==> flow/design.v <==
module u_relation #(
  parameter BITS = 6
) (
  input  logic sys_clk,
  input  logic rst_i,
  input  logic en,
  input  logic [BITS-1:0] dataa,
  input  logic [BITS-1:0] datab,
  output logic above
);
  logic [BITS-1:0] r_dataa;
  logic [BITS-1:0] r_datab;
  logic [BITS:0] cc;
  assign cc[0] = 1'b0;
  for (genvar i = 0; i < BITS; i++) begin : u_g
    assign cc[i+1] = (r_dataa[i] ^ r_datab[i]) ? r_dataa[i] : cc[i];
  end
  always_ff @(posedge sys_clk) begin
    if (rst_i) begin
      r_dataa <= '0;
      r_datab <= '0;
      above <= 1'b0;
    end else if (en) begin
      r_dataa <= dataa;
      r_datab <= datab;
      above <= cc[BITS];
    end
  end
endmodule
Appendix: tool output

From RTL to reports: u_relation
Tool output for the members of one design family, told apart by "BITS", in the order of the flow.
The file above is the member BITS 6. Line numbers count from 1 in each member's own file.
Library cell names are shortened.
{"block": "design", "top": "u_relation", "clock": "sys_clk", "library": "sky130hd", "corner": "tt_025C_1v80"}

Source of the members
Lines of each other member's file that are new or changed against the file above; lines that a member lacks are not shown.
{"block": "changed_lines", "BITS": 8, "line": 2, "source": "parameter BITS = 8"}
{"block": "changed_lines", "BITS": 12, "line": 2, "source": "parameter BITS = 12"}
{"block": "changed_lines", "BITS": 80, "line": 2, "source": "parameter BITS = 80"}
{"block": "changed_lines", "BITS": 112, "line": 2, "source": "parameter BITS = 112"}

After elaboration
Source: Yosys, flattened and elaborated, memories not mapped. Widths are those after wreduce; folded enables and synchronous resets count as part of the registers. Registers that Yosys merges into a memory's read port (data or address) are not register bits. Print and check cells do not count. Equal cells are merged and count once.
{"block": "bits", "BITS": 6, "reg_bits": 13, "input_bits": 15, "out_inout_bits": 1, "word_cells": 15}
{"block": "bits", "BITS": 8, "reg_bits": 17, "input_bits": 19, "out_inout_bits": 1, "word_cells": 19}
{"block": "bits", "BITS": 12, "reg_bits": 25, "input_bits": 27, "out_inout_bits": 1, "word_cells": 27}
{"block": "bits", "BITS": 80, "reg_bits": 161, "input_bits": 163, "out_inout_bits": 1, "word_cells": 163}
{"block": "bits", "BITS": 112, "reg_bits": 225, "input_bits": 227, "out_inout_bits": 1, "word_cells": 227}
{"block": "op_classes", "BITS": 6, "n_mux": 6, "n_logic": 6}
{"block": "op_classes", "BITS": 8, "n_mux": 8, "n_logic": 8}
{"block": "op_classes", "BITS": 12, "n_mux": 12, "n_logic": 12}
{"block": "op_classes", "BITS": 80, "n_mux": 80, "n_logic": 80}
{"block": "op_classes", "BITS": 112, "n_mux": 112, "n_logic": 112}
{"block": "op_table", "BITS": 6, "op_list": "1-bit XOR (6); 1-bit 2-to-1 mux (6)"}
{"block": "op_table", "BITS": 8, "op_list": "1-bit XOR (8); 1-bit 2-to-1 mux (8)"}
{"block": "op_table", "BITS": 12, "op_list": "1-bit XOR (12); 1-bit 2-to-1 mux (12)"}
{"block": "op_table", "BITS": 80, "op_list": "1-bit XOR (80); 1-bit 2-to-1 mux (80)"}
{"block": "op_table", "BITS": 112, "op_list": "1-bit XOR (112); 1-bit 2-to-1 mux (112)"}

Depth
Longest topological path by Yosys (ltp), each cell counted once; first at word level (registers and memories cut), then after technology mapping (sequential cells cut; the memories' decode and read muxes count).
{"block": "logic_depth", "BITS": 6, "word_depth": 7, "abc_area": 0, "depth_mapped": 5, "mapped_depth_nobuf": 4}
{"block": "logic_depth", "BITS": 8, "word_depth": 9, "abc_area": 0, "depth_mapped": 5, "mapped_depth_nobuf": 5}
{"block": "logic_depth", "BITS": 12, "word_depth": 13, "abc_area": 0, "depth_mapped": 5, "mapped_depth_nobuf": 5}
{"block": "logic_depth", "BITS": 80, "word_depth": 81, "abc_area": 0, "depth_mapped": 7, "mapped_depth_nobuf": 7}
{"block": "logic_depth", "BITS": 112, "word_depth": 113, "abc_area": 0, "depth_mapped": 8, "mapped_depth_nobuf": 8}

Synthesis result
The flow's flattened synthesis, as Yosys stat reports it; memories are mapped. The netlist is that of the ABC_AREA named above (0 if unset); the other value can give another one.
The area totals of this step are shown rounded.
{"block": "by_type", "BITS": 6, "type_list": "dfxtp_1 (13); mux2i_1 (12); nor2_1 (13); inv_1 (5); a311oi_2 (1); buf_6 (1); maj3_2 (1); a221oi_1 (1); a31o_1 (1); nor2b_2 (1); o31a_1 (1); buf_4 (1); nand2b_1 (1); nor2b_1 (1); o22ai_1 (1); nor3_1 (1); o21ai_1 (1); clkbuf_1 (1)"}
{"block": "by_type", "BITS": 8, "type_list": "dfxtp_1 (17); mux2i_1 (16); nor2_1 (16); inv_1 (5); nand2b_1 (3); nor2b_1 (2); o22ai_1 (2); buf_6 (1); a221oi_1 (1); nand4b_1 (1); o221ai_1 (1); a211oi_1 (1); a21boi_0 (1); a22oi_1 (1); clkbuf_1 (2); a21oi_1 (1); buf_2 (1); o21ai_1 (1); nand2_1 (1)"}
{"block": "by_type", "BITS": 12, "type_list": "dfxtp_1 (25); mux2i_1 (25); nor2_1 (25); inv_1 (9); maj3_1 (2); nand2b_1 (3); nor2b_1 (3); o41ai_2 (1); a221oi_2 (1); buf_4 (2); a31oi_1 (2); clkbuf_1 (3); maj3_2 (1); a221o_1 (1); nand2b_2 (1); o2111ai_1 (1); o221ai_1 (1); a21o_1 (1); [+5]"}
{"block": "by_type", "BITS": 80, "type_list": "dfxtp_1 (161); mux2i_1 (160); nor2_1 (167); inv_1 (61); nor2b_1 (34); nand2b_1 (21); maj3_1 (11); clkbuf_1 (25); o22ai_1 (10); a221oi_1 (7); a2111oi_2 (3); maj3_2 (4); o21ai_0 (9); a21oi_1 (7); a22o_1 (4); o2111ai_1 (3); o221ai_1 (3); o2bb2ai_1 (3); [+63]"}
{"block": "by_type", "BITS": 112, "type_list": "dfxtp_1 (225); mux2i_1 (224); nor2_1 (233); inv_1 (90); nand2b_1 (36); nor2b_1 (31); maj3_1 (11); clkbuf_1 (28); o22ai_1 (16); o2111ai_1 (8); o221ai_1 (8); buf_2 (12); o21ai_0 (12); a2111oi_4 (2); a22oi_1 (7); o211ai_1 (7); a211oi_1 (6); a21oi_1 (9); [+97]"}
The mark [+n] counts cells that are not listed.
{"block": "synth_totals", "BITS": 6, "cells": 57, "synth_area_um2": 560, "sequential_area_um2": 260, "ff_cells": 13}
{"block": "synth_totals", "BITS": 8, "cells": 74, "synth_area_um2": 710, "sequential_area_um2": 340, "ff_cells": 17}
{"block": "synth_totals", "BITS": 12, "cells": 112, "synth_area_um2": 1100, "sequential_area_um2": 500, "ff_cells": 25}
{"block": "synth_totals", "BITS": 80, "cells": 756, "synth_area_um2": 7100, "sequential_area_um2": 3200, "ff_cells": 161}
{"block": "synth_totals", "BITS": 112, "cells": 1062, "synth_area_um2": 9900, "sequential_area_um2": 4500, "ff_cells": 225}

Worst setup path after synthesis
Source: OpenSTA report_checks on the synthesized netlist (no wires, ideal clock, input and output delay 20% of the period each), path of least setup slack; recovery checks are left aside. Register names are those of the netlist, which keeps one name where synthesis merged equal registers.
{"block": "synth_timing", "BITS": 6, "kind": "flip-flop to flip-flop", "startpoint": "register (no name shown)", "endpoint": "register above", "clock_period_ns": 1.27, "setup_slack_ns": 0.257, "stages": 4, "delay_ns": 1.013, "period_less_setup_slack_ns": 1.013}
{"block": "synth_timing", "BITS": 8, "kind": "flip-flop to flip-flop", "startpoint": "register r_dataa[2]", "endpoint": "register above", "clock_period_ns": 1.35, "setup_slack_ns": 0.272, "stages": 6, "delay_ns": 1.078, "period_less_setup_slack_ns": 1.078}
{"block": "synth_timing", "BITS": 12, "kind": "flip-flop to flip-flop", "startpoint": "register r_datab[3]", "endpoint": "register above", "clock_period_ns": 1.53, "setup_slack_ns": 0.303, "stages": 6, "delay_ns": 1.227, "period_less_setup_slack_ns": 1.227}
{"block": "synth_timing", "BITS": 80, "kind": "flip-flop to flip-flop", "startpoint": "register r_dataa[18]", "endpoint": "register above", "clock_period_ns": 2.31, "setup_slack_ns": 0.458, "stages": 8, "delay_ns": 1.852, "period_less_setup_slack_ns": 1.852}
{"block": "synth_timing", "BITS": 112, "kind": "flip-flop to flip-flop", "startpoint": "register r_dataa[35]", "endpoint": "register above", "clock_period_ns": 2.28, "setup_slack_ns": 0.456, "stages": 9, "delay_ns": 1.825, "period_less_setup_slack_ns": 1.824}
"delay_ns" = arrival - input delay + setup time.
"stages": output pins that drive a net of the path, with the launching flip-flop's if there is one; two outputs of one cell count as two.
"period_less_setup_slack_ns" = period - worst setup slack (recovery checks aside). The figure is calculated, with input and output delays left at 20% of the set period.
Between the ends stands the longest chain of elaborated cells between them, by number of cells; it is not shown to be the way that was timed. Of several equally long chains one is given.
Each line given opens the expression or statement behind the cell; cells for indexed reads and writes are added by Yosys, which also makes memories of some case tables.
{"block": "synth_rtl_BITS_6", "item": "to (assign)", "line": 22, "source": "above <= 1'b0;"}
{"block": "synth_rtl_BITS_6", "item": "to (assign)", "line": 26, "source": "above <= cc[BITS];"}
{"block": "synth_rtl_BITS_6", "item": "to (decl)", "line": 9, "source": "output logic above"}
BITS 6: No chain of elaborated cells between the ends is given.
{"block": "synth_between_BITS_112", "elab_chain_cells": 78}
{"block": "synth_rtl_BITS_112", "item": "from (decl)", "line": 11, "source": "logic [BITS-1:0] r_dataa;"}
{"block": "synth_rtl_BITS_112", "item": "from (assign)", "line": 20, "source": "r_dataa <= '0;"}
{"block": "synth_rtl_BITS_112", "item": "from (assign)", "line": 24, "source": "r_dataa <= dataa;"}
{"block": "synth_rtl_BITS_112", "item": "1-bit XOR", "line": 16, "source": "assign cc[i+1] = (r_dataa[i] ^ r_datab[i]) ? r_dataa[i] : cc[i];"}
{"block": "synth_rtl_BITS_112", "item": "1-bit 2-to-1 mux x77", "line": 16}
{"block": "synth_rtl_BITS_112", "item": "to (assign)", "line": 22, "source": "above <= 1'b0;"}
{"block": "synth_rtl_BITS_112", "item": "to (assign)", "line": 26, "source": "above <= cc[BITS];"}
{"block": "synth_rtl_BITS_112", "item": "to (decl)", "line": 9, "source": "output logic above"}

Timing after layout
Path of least setup slack in the final report of each member's run (OpenROAD, finished layout, wires in). Where an end is a register, its clock arrival counts in the times.
{"block": "layout_timing", "BITS": 6, "kind": "flip-flop to output port", "startpoint": "register above", "endpoint": "output above", "clock_period_ns": 1.27, "setup_slack_ns": 0.12, "stages": 2, "arrival_time_ns": 0.89}
{"block": "layout_timing", "BITS": 8, "kind": "flip-flop to flip-flop", "startpoint": "register r_dataa[2]", "endpoint": "register above", "clock_period_ns": 1.35, "setup_slack_ns": 0.18, "stages": 6, "arrival_time_ns": 1.35}
{"block": "layout_timing", "BITS": 12, "kind": "flip-flop to flip-flop", "startpoint": "register r_datab[3]", "endpoint": "register above", "clock_period_ns": 1.53, "setup_slack_ns": 0.20, "stages": 6, "arrival_time_ns": 1.54}
{"block": "layout_timing", "BITS": 80, "kind": "flip-flop to flip-flop", "startpoint": "register r_dataa[18]", "endpoint": "register above", "clock_period_ns": 2.31, "setup_slack_ns": 0.23, "stages": 8, "arrival_time_ns": 2.37}
{"block": "layout_timing", "BITS": 112, "kind": "flip-flop to flip-flop", "startpoint": "register r_datab[35]", "endpoint": "register above", "clock_period_ns": 2.28, "setup_slack_ns": 0.10, "stages": 9, "arrival_time_ns": 2.59}

Measured runs
Settings and results of one run of the flow (Yosys, OpenROAD) for each member follow. The constraints put input and output delay at 20% of the set period each and load the outputs with 0.01 pF.
{"block": "flow_settings", "CAP_MARGIN": 20, "CORE_MARGIN": 2, "CORE_UTILIZATION": 40, "SLEW_MARGIN": 20}
{"block": "settings_by_member", "BITS": 6, "period_ns": 1.27}
{"block": "settings_by_member", "BITS": 8, "period_ns": 1.35}
{"block": "settings_by_member", "BITS": 12, "period_ns": 1.53}
{"block": "settings_by_member", "BITS": 80, "period_ns": 2.31}
{"block": "settings_by_member", "BITS": 112, "period_ns": 2.28}
{"block": "results", "BITS": 6, "synth_area_um2": 560, "design_die_area_um2": 1700, "final_stdcell_area_um2": 760, "utilization_pct": 59, "setup_ws_ns": 0.12, "tns_ns": 0.000}
{"block": "results", "BITS": 8, "synth_area_um2": 710, "design_die_area_um2": 2100, "final_stdcell_area_um2": 960, "utilization_pct": 57, "setup_ws_ns": 0.18, "tns_ns": 0.000}
{"block": "results", "BITS": 12, "synth_area_um2": 1100, "design_die_area_um2": 3200, "final_stdcell_area_um2": 1400, "utilization_pct": 57, "setup_ws_ns": 0.20, "tns_ns": 0.000}
{"block": "results", "BITS": 80, "synth_area_um2": 7100, "design_die_area_um2": 19000, "final_stdcell_area_um2": 9500, "utilization_pct": 55, "setup_ws_ns": 0.23, "tns_ns": 0.000}
{"block": "results", "BITS": 112, "synth_area_um2": 9900, "design_die_area_um2": 26000, "final_stdcell_area_um2": 13000, "utilization_pct": 55, "setup_ws_ns": 0.097, "tns_ns": 0.000}
Measured values are rounded.
